==> flow/design.v <==
module my_switch_n #(
    parameter WD = 20,
    parameter N = 10,
    parameter SEL_W = $clog2(N)
) (
    input  ck,
    input  srst,
    input  [N*WD-1:0] val,
    input  [SEL_W-1:0] idx,
    output [WD-1:0] dout
);
    reg [N*WD-1:0] val_r;
    reg [SEL_W-1:0] idx_r;
    wire [WD-1:0] vec [0:N-1];
    genvar k;
    generate
        for (k = 0; k < N; k = k + 1) begin : u_g
            assign vec[k] = val_r[k*WD +: WD];
        end
    endgenerate
    assign dout = vec[idx_r];
    always @(posedge ck or posedge srst) begin
        if (srst) begin
            val_r <= 0;
            idx_r <= 0;
        end else begin
            val_r <= val;
            idx_r <= idx;
        end
    end
endmodule
# Step by step through the tools: my_switch_n
# What the tools print for my_switch_n, step after step.
# Lines are those of the file above, counted from 1.
# Operators carry their Yosys type and port widths (W data, S select, Z words).
# Library cell names are shortened.
# The mark -- stands for no value.
[setup]
top = "my_switch_n"
clk_port = "ck"
cell_library = "sky130hd"
pvt_corner = "tt_025C_1v80"

# Word-level counts
# Source: Yosys, flattened and elaborated. Widths are those after wreduce; folded enables and synchronous resets count as part of the registers. Registers that Yosys merges into a memory's read port (data or address) are not register bits. Print and check cells do not count. Equal cells are merged and count once.
[bits]
mem_count = 0
clocked_rd_ports_x_width = 0
ff_bits = 204
mem_bits_rw = 0
in_bits = 206
romBits = 0
output_inout_bits = 20
elab_cells = 13
latch_bits = 0
[op_classes]
n_logic = 0
equal = 9
add_sub_neg = 0
mul = 0
div_mod_pow = 0
reduce_and_logical = 1
n_mux = 1
cmp = 0
n_shift = 0
[ops]
columns = ["operator", "count"]
rows = [
  ["$pmux W20 S10", 1],
  ["$eq A4 B3 Y1 const B", 4],
  ["$eq A4 B2 Y1 const B", 2],
  ["$eq A4 B4 Y1 const B", 2],
  ["$eq A4 B1 Y1 const B", 1],
  ["$logic_not A4 Y1", 1],
]

# Depth
# Longest topological path by Yosys (ltp), each cell counted once; first at word level (registers and memories cut), then after technology mapping (sequential cells cut; the memories' decode and read muxes count).
[logic_depth]
word_depth = 2
abc_area = 0
ltp_mapped = 8
depth_no_buf = 5

# Mapped cells and area
# Yosys stat after the flow's synthesis: flattened, memories mapped to cells. It holds for the ABC_AREA given above (unset counts as 0); a run with the other value may have another netlist.
[types]
columns = ["cell", "count", "type_area_um2"]
rows = [
  ["dfrtp_1", 204, 5.1E+03],
  ["a21oi_1", 41, 205.197],
  ["o21ai_0", 26, 130.125],
  ["mux2_2", 10, 112.608],
  ["nor2_1", 30, 112.608],
  ["a22oi_1", 14, 105.101],
  ["buf_2", 19, 95.091],
  ["o22ai_1", 14, 87.584],
  ["a22o_1", 9, 78.826],
  ["a221oi_1", 8, 70.067],
  ["mux2i_1", 7, 70.067],
  ["mux2_1", 6, 67.565],
  ["o32a_1", 6, 60.058],
  ["nand2_1", 15, 56.304],
  ["clkbuf_1", 14, 52.55],
  ["a32oi_1", 5, 43.792],
  ["o221ai_1", 5, 43.792],
  ["o211a_1", 4, 40.038],
]
# Other cell types: 28; their cells: 67.
[mapped]
n_buf = 36
cell_count = 504
seqArea_mm2 = 0.0051049
area_mm2 = 0.0070005
ff_cells = 204

# Worst setup path after synthesis
# Path of least setup slack by OpenSTA after synthesis, without wires, with an ideal clock, recovery checks aside; 20% of the period is set as input and as output delay. Where synthesis merged equal registers, the netlist keeps one of their names.
[synth_timing]
path_type = "flip-flop to output port"
start = "reg idx_r[2]"
end = "out dout[12]"
arrival_ns = 1.595
path_delay_ns = 1.595
stages = 7
path_buffers = 1
t_required_ns = 1.992
period_ns = 2.49
path_slack_ns = 0.397
synth_period_reached_ns = 2.093
# "path_delay_ns" = arrival - input delay + setup time.
# At an output port there is no setup time.
# "stages" counts driving pins, that of a launching flip-flop among them; a cell with two outputs on the path counts twice.
# "synth_period_reached_ns" is the clock period less the worst setup slack; recovery checks do not enter. This is arithmetic on one report: input and output delays are still those of the set period (20% each).
# Between the ends stands the longest chain of elaborated cells between them, by number of cells; it is not shown to be the way that was timed. Of several equally long chains one is given.
# A line is the first line of the expression or statement that the cell stems from. Yosys adds cells for indexed reads and writes and turns some case tables into memories.
[synth_between]
cell_sequence = "dfrtp_1 -> and2_1 -> buf_6 -> a32o_1 -> a311oi_1 -> a31oi_1 -> o32a_1"
elab_chain_len = 2
[synth_lines]
columns = ["item", "line", "source"]
rows = [
  ["from (decl)", 13, "reg [SEL_W-1:0] idx_r;"],
  ["from (assign)", 25, "idx_r <= 0;"],
  ["from (assign)", 28, "idx_r <= idx;"],
  ["$eq A4 B4 Y1", 21, "assign dout = vec[idx_r];"],
  ["$pmux W20 S10", 21, ""],
  ["to (decl)", 10, "output [WD-1:0] dout"],
]

# Timing after layout
# Path of least setup slack in the final report of stored run 1 (OpenROAD, finished layout, wires in). Where an end is a register, its clock arrival counts in the times.
[layout_timing]
path_type = "flip-flop to output port"
start = "reg idx_r[2]"
end = "out dout[16]"
arrival_ns = 2.34
period_ns = 2.49
stages = 9
t_required_ns = 1.99
path_slack_ns = -0.35
path_buffers = 4
# Between the ends stands the longest chain of elaborated cells between them, by number of cells; it is not shown to be the way that was timed. Of several equally long chains one is given.
[layout_between]
cell_sequence = "dfrtp_1 -> buf_6 -> buf_6 -> and3b_1 -> buf_6 -> a22oi_2 -> o22ai_2 -> o32a_1 -> buf_2"
elab_chain_len = 2
[layout_lines]
columns = ["item", "line", "source"]
rows = [
  ["from (decl)", 13, "reg [SEL_W-1:0] idx_r;"],
  ["from (assign)", 25, "idx_r <= 0;"],
  ["from (assign)", 28, "idx_r <= idx;"],
  ["$eq A4 B4 Y1", 21, "assign dout = vec[idx_r];"],
  ["$pmux W20 S10", 21, ""],
  ["to (decl)", 10, "output [WD-1:0] dout"],
]

# my_switch_n through Yosys and OpenROAD on sky130hd: 3 stored runs, unordered, with their settings and measured results. The constraints put input and output delay at 20% of the set period each and load the outputs with 0.01 pF.
# "period_less_ws_ns" = clock period - worst setup slack. The figure is calculated, with input and output delays left at 20% of the set period.
# By "total_power_mw" is meant OpenSTA's value without simulated activity: inputs other than the clock are taken to toggle once in ten clock periods, and the tool carries that through the logic.

[[run]]
name = "stored run 1"
[run.settings]
period_ns = 2.49
CAP_MARGIN = 20
CORE_MARGIN = 2
CORE_UTILIZATION = 40
SLEW_MARGIN = 20
[run.results]
synthArea_mm2 = 0.0070005
worstSetupSlack_ns = -0.346
tns_ns = -4.456
util_pct = 66.3
design_die_area_mm2 = 0.018575
total_power_mw = 8.002
period_less_ws_ns = 2.836

[[run]]
name = "stored run 2"
[run.settings]
period_ns = 1.55
CORE_UTILIZATION = 44
PLACE_DENSITY_LB_ADDON = 0.06
CORE_ASPECT_RATIO = 0.63
CORE_MARGIN = 5
TNS_END_PERCENT = 100
GPL_TIMING_DRIVEN = 1
GPL_ROUTABILITY_DRIVEN = 1
MIN_ROUTING_LAYER = "met2"
CAP_MARGIN = 20
SLEW_MARGIN = 20
[run.results]
synthArea_mm2 = 0.0070005
worstSetupSlack_ns = -1.115
tns_ns = -19.775
util_pct = 72.6
design_die_area_mm2 = 0.0186001
total_power_mw = 11.984
period_less_ws_ns = 2.665

[[run]]
name = "stored run 3"
[run.settings]
period_ns = 1.91
CORE_UTILIZATION = 68
PLACE_DENSITY_LB_ADDON = 0.24
TNS_END_PERCENT = 20
CAP_MARGIN = 15
CORE_MARGIN = 2
SLEW_MARGIN = 20
[run.results]
outcome = "did not finish, clock tree synthesis stopped with DPL-0038"
